==> flow/design.v <==
module gen_mag_cmp #(
    parameter int DATA_W = 4,
    parameter int COUNT = 7
) (
    input logic clk,
    input logic aresetn,
    input logic [COUNT*DATA_W-1:0] src,
    output logic [DATA_W-1:0] hi
);
    logic [COUNT*DATA_W-1:0] src_ff;
    always_ff @(posedge clk or negedge aresetn) begin
        if (!aresetn) begin
            src_ff <= '0;
        end else begin
            src_ff <= src;
        end
    end
    wire [DATA_W-1:0] tree [1:2*COUNT-1];
    for (genvar g = 0; g < COUNT; g++) begin : g_bit
        assign tree[COUNT+g] = src_ff[g*DATA_W +: DATA_W];
    end
    for (genvar g = 1; g < COUNT; g++) begin : u_g
        assign tree[g] = (tree[2*g] > tree[2*g+1]) ? tree[2*g] : tree[2*g+1];
    end
    logic [DATA_W-1:0] hi_ff;
    always_ff @(posedge clk or negedge aresetn) begin
        if (!aresetn) begin
            hi_ff <= '0;
        end else begin
            hi_ff <= tree[1];
        end
    end
    assign hi = hi_ff;
endmodule
Ticket comment

Step by step through the tools: gen_mag_cmp
A sweep over "DATA_W": the same steps for each member of the family.
The file above is the member DATA_W 4. Line numbers count from 1 in each member's own file.
Operators carry their Yosys type and port widths (W data, S select, Z words).
Library cell names are shortened.
{ "setup": {"design": "gen_mag_cmp", "clk_port": "clk", "cell_library": "sky130hd", "corner": "tt_025C_1v80"} }

Members of the sweep
Lines of each other member's file that are new or changed against the file above; lines that a member lacks are not shown.
{ "changed_lines": {"columns": ["DATA_W", "line_no", "source"], "rows": [
  [7, 2, "parameter int DATA_W = 7,"],
  [8, 2, "parameter int DATA_W = 8,"],
  [24, 2, "parameter int DATA_W = 24,"],
  [32, 2, "parameter int DATA_W = 32,"],
  [40, 2, "parameter int DATA_W = 40,"]
]} }

Word level
Source: Yosys, flattened and elaborated. Widths are those after wreduce; folded enables and synchronous resets count as part of the registers. Registers that Yosys merges into a memory's read port (data or address) are not register bits. Print and check cells do not count. Equal cells are merged and count once.
{ "op_classes": {"columns": ["DATA_W", "compare", "n_mux"], "rows": [
  [4, 6, 6],
  [7, 6, 6],
  [8, 6, 6],
  [24, 6, 6],
  [32, 6, 6],
  [40, 6, 6]
]} }
{ "ops": {"columns": ["DATA_W", "op_list"], "rows": [
  [4, "6 x $gt A4 B4 Y1; 6 x $mux W4"],
  [7, "6 x $gt A7 B7 Y1; 6 x $mux W7"],
  [8, "6 x $gt A8 B8 Y1; 6 x $mux W8"],
  [24, "6 x $gt A24 B24 Y1; 6 x $mux W24"],
  [32, "6 x $gt A32 B32 Y1; 6 x $mux W32"],
  [40, "6 x $gt A40 B40 Y1; 6 x $mux W40"]
]} }
{ "bits": {"columns": ["DATA_W", "reg_bits", "input_bits", "wordCells"], "rows": [
  [4, 32, 30, 14],
  [7, 56, 51, 14],
  [8, 64, 58, 14],
  [24, 192, 170, 14],
  [32, 256, 226, 14],
  [40, 320, 282, 14]
]} }

Logic depth
Longest topological path by Yosys (ltp), each cell counted once; first at word level (registers and memories cut), then after technology mapping (sequential cells cut; the memories' decode and read muxes count).
{ "depth": {"columns": ["DATA_W", "word_depth", "ABC_AREA", "mapped_depth", "mapped_depth_nobuf"], "rows": [
  [4, 6, 0, 25, 23],
  [7, 6, 0, 23, 21],
  [8, 6, 0, 27, 24],
  [24, 6, 0, 31, 27],
  [32, 6, 0, 31, 27],
  [40, 6, 0, 33, 30]
]} }

Mapped cells and area
Yosys stat after the flow's synthesis: flattened, memories mapped to cells. It holds for the ABC_AREA given above (unset counts as 0); a run with the other value may have another netlist.
The area totals of this step are shown rounded.
{ "mapped": {"columns": ["DATA_W", "mapped_cells", "area_um2", "seqArea_um2", "ff_cells", "n_buf"], "rows": [
  [4, 161, 1790, 801, 32, 3],
  [7, 267, 2950, 1400, 56, 3],
  [8, 324, 3550, 1600, 64, 5],
  [24, 866, 10100, 4800, 192, 13],
  [32, 1187, 13400, 6410, 256, 20],
  [40, 1442, 17100, 8010, 320, 25]
]} }
{ "types": {"columns": ["DATA_W", "type_list"], "rows": [
  [4, "32 x dfrtp_1; 23 x ha_1; 19 x inv_1; 5 x mux2_2; 7 x o21a_1; 5 x mux2i_1; 3 x o311ai_2; 9 x o21ai_0; 8 x a21oi_1; 5 x o211ai_1; 9 x nor2_1; 4 x o31ai_1; 4 x nor2b_1; 5 x nand2_1; 3 x nand2b_1; 3 x nand4_1; 1 x a21oi_4; 1 x mux2_4; [+15]"],
  [7, "56 x dfrtp_1; 42 x ha_1; 28 x mux2i_1; 42 x inv_1; 21 x nor2_1; 15 x a21oi_1; 11 x o21ai_0; 6 x nand3b_1; 5 x a22o_1; 6 x nand4_1; 6 x nand3_1; 3 x a21oi_2; 7 x nand2_1; 2 x o22ai_2; 2 x mux2_2; 1 x o31ai_4; 2 x a211oi_1; 1 x mux2_4; [+11]"],
  [8, "64 x dfrtp_1; 48 x ha_1; 23 x mux2i_1; 49 x inv_1; 18 x a21oi_1; 7 x mux2_2; 19 x nor2_1; 10 x nand4_1; 8 x a21o_1; 8 x o211ai_1; 12 x o21ai_1; 14 x nand2_1; 8 x a31oi_1; 2 x o22ai_4; 3 x o211ai_2; 5 x nor2b_1; 2 x nand4_2; 1 x mux2i_4; [+23]"],
  [24, "192 x dfrtp_1; 144 x ha_1; 100 x mux2i_1; 147 x inv_1; 42 x mux2_2; 60 x a21oi_1; 32 x nand4_1; 28 x nand2_1; 17 x o21ai_0; 14 x nand3_1; 9 x a21o_1; 6 x a211oi_1; 6 x o211ai_1; 11 x nor2_1; 2 x buf_12; 6 x nor2b_1; 4 x a21boi_0; 4 x buf_4; [+42]"],
  [32, "256 x dfrtp_1; 192 x ha_1; 159 x mux2i_1; 228 x inv_1; 68 x a21oi_1; 29 x mux2_1; 39 x nand4_1; 38 x nand2_1; 27 x nand3_1; 16 x a21o_1; 21 x o21ai_0; 19 x nor2_1; 8 x a221oi_1; 9 x buf_2; 4 x mux2_2; 9 x nor3_1; 6 x o211ai_1; 7 x nor2b_1; [+52]"],
  [40, "320 x dfrtp_1; 240 x ha_1; 139 x mux2i_1; 240 x inv_1; 39 x mux2_4; 96 x a21oi_1; 40 x mux2_2; 20 x mux2i_4; 47 x nand4_1; 29 x a21o_1; 53 x nand2_1; 20 x nand3_1; 18 x o21ai_0; 20 x nor2_1; 8 x and4_1; 14 x o21ai_1; 8 x buf_4; 9 x nor4_1; [+82]"]
]} }
The mark [+n] counts cells that are not listed.

Timing after synthesis
OpenSTA on the mapped netlist: ideal clock, no wires. The path of least setup slack (recovery checks aside). Input and output delay are each 20% of the period. Register names are those of the netlist, which keeps one name where synthesis merged equal registers.
{ "synth_path": {"columns": ["DATA_W", "kind", "from", "to", "period_ps", "path_slack_ps", "driving_pins", "delay_ps", "period_less_setup_slack_ps"], "rows": [
  [4, "reg-to-reg", "reg src_ff[21]", "reg hi_ff[2]", 5920, 1182, 24, 4739, 4738],
  [7, "reg-to-reg", "reg src_ff[39]", "reg hi_ff[1]", 5460, 1096, 22, 4364, 4364],
  [8, "reg-to-reg", "reg src_ff[9]", "reg hi_ff[1]", 5590, 1121, 23, 4470, 4469],
  [24, "reg-to-reg", "reg src_ff[46]", "reg hi_ff[0]", 7970, 1595, 30, 6375, 6375],
  [32, "reg-to-reg", "reg src_ff[174]", "reg hi_ff[27]", 8340, 1665, 31, 6675, 6675],
  [40, "reg-to-reg", "reg src_ff[238]", "reg hi_ff[10]", 8270, 1657, 29, 6613, 6613]
]} }
"delay_ps" is the arrival time less input delay plus setup time.
"driving_pins" counts driving pins, that of a launching flip-flop among them; a cell with two outputs on the path counts twice.
"period_less_setup_slack_ps" = period - worst setup slack (recovery checks aside). The figure is calculated, with input and output delays left at 20% of the set period.
The rows between start and end are the longest chain of elaborated cells between them; the timing report does not say that the signal goes this way. Where chains are equally long, one stands for them.
Each line given opens the expression or statement behind the cell; cells for indexed reads and writes are added by Yosys, which also makes memories of some case tables.
{ "synth_between_DATA_W_4": {"elab_chain_cells": 6} }
{ "synth_rtl_DATA_W_4": {"columns": ["element", "line_no", "source"], "rows": [
  ["from (decl)", 10, "logic [COUNT*DATA_W-1:0] src_ff;"],
  ["from (assign)", 13, "src_ff <= '0;"],
  ["from (assign)", 15, "src_ff <= src;"],
  ["$gt A4 B4 Y1", 23, "assign tree[g] = (tree[2*g] > tree[2*g+1]) ? tree[2*g] : tree[2*g+1];"],
  ["$mux W4", 23, null],
  ["$gt A4 B4 Y1", 23, null],
  ["$mux W4", 23, null],
  ["$gt A4 B4 Y1", 23, null],
  ["$mux W4", 23, null],
  ["to (assign)", 28, "hi_ff <= '0;"],
  ["to (assign)", 30, "hi_ff <= tree[1];"],
  ["to (decl)", 25, "logic [DATA_W-1:0] hi_ff;"]
]} }
{ "synth_between_DATA_W_40": {"elab_chain_cells": 6} }
{ "synth_rtl_DATA_W_40": {"columns": ["element", "line_no", "source"], "rows": [
  ["from (decl)", 10, "logic [COUNT*DATA_W-1:0] src_ff;"],
  ["from (assign)", 13, "src_ff <= '0;"],
  ["from (assign)", 15, "src_ff <= src;"],
  ["$gt A40 B40 Y1", 23, "assign tree[g] = (tree[2*g] > tree[2*g+1]) ? tree[2*g] : tree[2*g+1];"],
  ["$mux W40", 23, null],
  ["$gt A40 B40 Y1", 23, null],
  ["$mux W40", 23, null],
  ["$gt A40 B40 Y1", 23, null],
  ["$mux W40", 23, null],
  ["to (assign)", 28, "hi_ff <= '0;"],
  ["to (assign)", 30, "hi_ff <= tree[1];"],
  ["to (decl)", 25, "logic [DATA_W-1:0] hi_ff;"]
]} }

Timing after layout
From the final timing report of the run of each member: the path of least setup slack in the routed layout; clock arrival at registers is part of the times.
The report prints the path's times to 10 ps; the period is as set.
{ "layout_path": {"columns": ["DATA_W", "kind", "from", "to", "period_ps", "path_slack_ps", "driving_pins", "t_arrival_ps", "path_buffers"], "rows": [
  [4, "reg-to-reg", "reg src_ff[21]", "reg hi_ff[2]", 5920, 1120, 24, 4950, 2],
  [7, "reg-to-reg", "reg src_ff[13]", "reg hi_ff[0]", 5460, 640, 20, 5020, 0],
  [8, "reg-to-reg", "reg src_ff[43]", "reg hi_ff[6]", 5590, 580, 24, 5230, 1],
  [24, "reg-to-reg", "reg src_ff[91]", "reg hi_ff[4]", 7970, 520, 28, 7770, 3],
  [32, "reg-to-reg", "reg src_ff[110]", "reg hi_ff[28]", 8340, 560, 28, 8210, 3],
  [40, "reg-to-reg", "reg src_ff[183]", "reg hi_ff[1]", 8270, 780, 28, 7950, 3]
]} }

Measured runs
One run of the flow (Yosys, OpenROAD) for each member, with settings and measured results. Input and output delays are each 20% of the period that was set; the output load is 0.01 pF.
{ "flow_settings": {"CAP_MARGIN": 20, "CORE_MARGIN": 2, "CORE_UTILIZATION": 40, "SLEW_MARGIN": 20} }
{ "settings_diff": {"columns": ["DATA_W", "period_ns"], "rows": [
  [4, 5.92],
  [7, 5.46],
  [8, 5.59],
  [24, 7.97],
  [32, 8.34],
  [40, 8.27]
]} }
{ "results": {"columns": ["DATA_W", "post_synth_area_um2", "design.die.area_um2", "finalCellArea_um2", "finalUtil_pct", "setup_ws_ps", "final_setup_tns_ps", "timing.hold.ws_ps", "achieved_period_ps"], "rows": [
  [4, 1790, 5030, 2280, 52.7, 1120, 0, 697, 4803],
  [7, 2950, 8090, 3730, 51.8, 636, 0, 669, 4824],
  [8, 3550, 9640, 4480, 51.7, 582, 0, 744, 5008],
  [24, 10100, 26400, 13000, 52.2, 524, 0, 629, 7446],
  [32, 13400, 35100, 17500, 52.7, 556, 0, 726, 7784],
  [40, 17100, 44300, 22300, 53.1, 783, 0, 598, 7487]
]} }
By "achieved_period_ps" is meant the clock period of the run minus its worst setup slack. This is arithmetic on one report: input and output delays are still those of the set period (20% each).
Measured values are rounded.
